==> flow/design.v <==
module mul_core #(
    parameter integer XLEN = 16
) (
    input  logic i_clk,
    input  logic aresetn,
    input  logic [XLEN-1:0] first_i,
    input  logic [XLEN-1:0] second_i,
    input  logic [2*XLEN-1:0] third_i,
    output logic [2*XLEN:0] result_o
);
    logic [XLEN-1:0] first_s;
    logic [XLEN-1:0] second_s;
    logic [2*XLEN-1:0] third_s;
    logic [2*XLEN:0] result_s;
    always_ff @(posedge i_clk or negedge aresetn) begin
        if (!aresetn) begin
            first_s <= '0;
            second_s <= '0;
            third_s <= '0;
            result_s <= '0;
        end else begin
            first_s <= first_i;
            second_s <= second_i;
            third_s <= third_i;
            result_s <= first_s * second_s + third_s;
        end
    end
    assign result_o = result_s;
endmodule
Reports on mul_core

The steps from the RTL of mul_core to its reports follow in flow order.
Line numbers count from 1 in the design file above.
Operators: Yosys type, input widths -> output width; for muxes data width and select width s.
Library cell names are shortened.
The mark -- stands for no value.

Top module: mul_core
Clock: i_clk
Library: sky130hd
Library corner: tt_025C_1v80

Word level

Yosys after proc, flatten, opt, wreduce and memory -nomap, before mapping. Enables and synchronous resets that opt folds into registers are not counted as muxes. Memory bits, and registers merged into a memory's read port (data or address), are not among the register bits. Print and check cells are not counted. Equal cells are merged and count once.

Elaborated cells: 6
Output and inout port bits: 33
Register bits after elaboration: 97

$add $sub $neg: 1
Multiply operators: 1

Operators by type and width:

| operator       | number |
| $mul 16x16->32 | 1 |
| $add 32x32->33 | 1 |

Logic depth

Longest topological path by Yosys (ltp), each cell counted once; first at word level (registers and memories cut), then after technology mapping (sequential cells cut; the memories' decode and read muxes count).

Word-level depth: 2
ABC_AREA: 1
Gate-level depth with buffers: 27

Netlist

Source: synth_stat.txt of the flow (Yosys; design flattened, memories mapped). It holds for the ABC_AREA given above (unset counts as 0); a run with the other value may have another netlist.

Cell types:

| cell type | number | area in all (µm²) |
| fa_1      | 226    | 4.52E+03 |
| dfrtp_1   | 97     | 2.43E+03 |
| inv_1     | 560    | 2.1E+03 |
| nand2_1   | 447    | 1.68E+03 |
| ha_1      | 104    | 1.3E+03 |
| clkbuf_1  | 64     | 240.23 |
| nor2_1    | 38     | 142.637 |
| nand3_1   | 25     | 125.12 |
| xor2_1    | 13     | 113.859 |
| a21oi_1   | 19     | 95.091 |
| nand3_2   | 4      | 40.038 |
| nand2_2   | 6      | 37.536 |
| nand4_1   | 5      | 31.28 |
| o21bai_1  | 4      | 30.029 |
| xnor2_1   | 3      | 26.275 |
| nor2_2    | 4      | 25.024 |
| nor3_1    | 2      | 10.01 |
| nor3_2    | 1      | 10.01 |

Not listed: further types 5, cells in them 5.

Flip-flop cells: 97
Sequential part of the area: 0.0024273 mm²
Cell area after synthesis: 0.0129937 mm²
Mapped cells: 1627

Worst setup path after synthesis

Source: OpenSTA report_checks on the synthesized netlist (no wires, ideal clock, input and output delay 20% of the period each), path of least setup slack; recovery checks are left aside. Register names are those of the netlist, which keeps one name where synthesis merged equal registers.

Kind: reg-to-reg
Start: reg first_s[7]
End: reg result_s[32]
Path slack: 1.621 ns
Required time: 6.673 ns
Path buffers: 2
Period: 6.79 ns
Setup time: 0.117 ns
Stages on the path: 26
Delay of the path: 5.169 ns
Arrival: 5.052 ns
Synthesis period reached: 5.169 ns

"delay of the path" = arrival - input delay + setup time.
"stages on the path": output pins that drive a net of the path, with the launching flip-flop's if there is one; two outputs of one cell count as two.
"synthesis period reached" is the clock period less the worst setup slack; recovery checks do not enter. This is arithmetic on one report: input and output delays are still those of the set period (20% each).
The rows between start and end are the longest chain of elaborated cells between them; the timing report does not say that the signal goes this way. Where chains are equally long, one stands for them.
Each line given opens the expression or statement behind the cell; cells for indexed reads and writes are added by Yosys, which also makes memories of some case tables.

Path through: dfrtp_1 clkbuf_1 clkbuf_1 nand2_1 fa_1 inv_1 fa_1 inv_1 fa_1 inv_1 fa_1 fa_1 inv_1 fa_1 inv_1 ha_1 nand2_1 inv_1 nand2_1 inv_1 a21oi_1 nand2_2 nand2_1 nand2_1 nand2_1 nand2_1
Cells in the longest elaborated chain: 2
Elaborated cells between the ends (all ways): 2
RTL lines with such cells: 1
Those cells by class: add/sub (1); mul (1)

Ends and longest elaborated chain, post-synthesis:

| element            | line | text |
| start: declaration | 11   | `logic [XLEN-1:0] first_s;` |
| start: assignment  | 17   | `first_s <= '0;` |
| start: assignment  | 22   | `first_s <= first_i;` |
| $mul 16x16->32     | 25   | `result_s <= first_s * second_s + third_s;` |
| $add 32x32->33     | 25   |  |
| end: assignment    | 20   | `result_s <= '0;` |
| end: assignment    | 25   |  |
| end: declaration   | 14   | `logic [2*XLEN:0] result_s;` |

Path in the finished layout

Path of least setup slack in the final report of run 1 (OpenROAD, finished layout, wires in). Where an end is a register, its clock arrival counts in the times.

Kind: reg-to-reg
Start: reg first_s[4]
End: reg result_s[32]
Path buffers: 2
Required time: 5.53 ns
Path slack: -0.25 ns
Arrival: 5.78 ns
Stages on the path: 23
Setup time: 0.12 ns
Period: 5.26 ns

The rows between start and end are the longest chain of elaborated cells between them; the timing report does not say that the signal goes this way. Where chains are equally long, one stands for them.

Path through: dfrtp_2 buf_6 nand2_1 inv_1 fa_1 inv_1 fa_2 fa_2 inv_2 ha_4 fa_1 inv_2 fa_1 inv_2 ha_4 nand2_4 buf_4 nor3_2 nand2_1 nand2_2 nand2_2 nand3_1 nand2_1
Cells in the longest elaborated chain: 2
Elaborated cells between the ends (all ways): 2
RTL lines with such cells: 1
Those cells by class: add/sub (1); mul (1)

Ends and longest elaborated chain, post-layout:

| element            | line | text |
| start: declaration | 11   | `logic [XLEN-1:0] first_s;` |
| start: assignment  | 17   | `first_s <= '0;` |
| start: assignment  | 22   | `first_s <= first_i;` |
| $mul 16x16->32     | 25   | `result_s <= first_s * second_s + third_s;` |
| $add 32x32->33     | 25   |  |
| end: assignment    | 20   | `result_s <= '0;` |
| end: assignment    | 25   |  |
| end: declaration   | 14   | `logic [2*XLEN:0] result_s;` |

Wiki page: mul_core / flow data

Design mul_core on sky130hd. What follows are 3 stored runs of the flow, each under its own settings; their order means nothing. The constraints put input and output delay at 20% of the set period each and load the outputs with 0.01 pF.
"period reached" is the run's clock period less its worst setup slack. It is reckoned from that one timing run; input and output delays stay at 20% of the period that was set.
By "worst path time" is meant the share of the clock period that the worst setup path is allowed (20% is reserved at inputs, 20% at outputs), minus its slack. Clock arrival times at its registers enter into it.
Settings: - = not set for that run.

| setting or result                      | run 1      | run 2      | run 3      |
| period_ns                              | 5.26       | 6.67       | 6.79       |
| CORE_UTILIZATION                       | 65         | 59         | 40         |
| SETUP_SLACK_MARGIN                     | 0.95       | -0.57      | -          |
| PLACE_DENSITY_LB_ADDON                 | 0.24       | 0.26       | -          |
| CORE_ASPECT_RATIO                      | 1.61       | -          | -          |
| ABC_AREA                               | 1          | -          | -          |
| GPL_TIMING_DRIVEN                      | 1          | -          | -          |
| MAX_ROUTING_LAYER                      | met5       | met4       | -          |
| CAP_MARGIN                             | 20         | 15         | 20         |
| CORE_MARGIN                            | 2          | 2          | 2          |
| SLEW_MARGIN                            | 20         | 20         | 20         |
| TNS_END_PERCENT                        | -          | 60         | -          |
| GPL_ROUTABILITY_DRIVEN                 | -          | 1          | -          |
| MIN_ROUTING_LAYER                      | -          | met1       | -          |
| standard-cell area after routing (mm²) | 0.0169237  | 0.0137282  | 0.0139183  |
| utilization of the finished layout (%) | 86.3       | 67.4       | 45.7       |
| synthesized cell area (mm²)            | 0.0129937  | 0.0122918  | 0.0122918  |
| total negative setup slack (ns)        | -3.228     | 0.000      | 0.000      |
| worst hold slack after layout (ns)     | 0.502      | 0.480      | 0.486      |
| die outline area (mm²)                 | 0.0211699  | 0.0220048  | 0.0321485  |
| worst path time (ns)                   | 5.51       | 6.00       | 6.18       |
| critical path kind                     | reg-to-reg | reg-to-reg | reg-to-reg |
| period reached (ns)                    | 5.512      | 5.999      | 6.185      |
| setup slack of the worst path (ns)     | -0.252     | 0.671      | 0.605      |
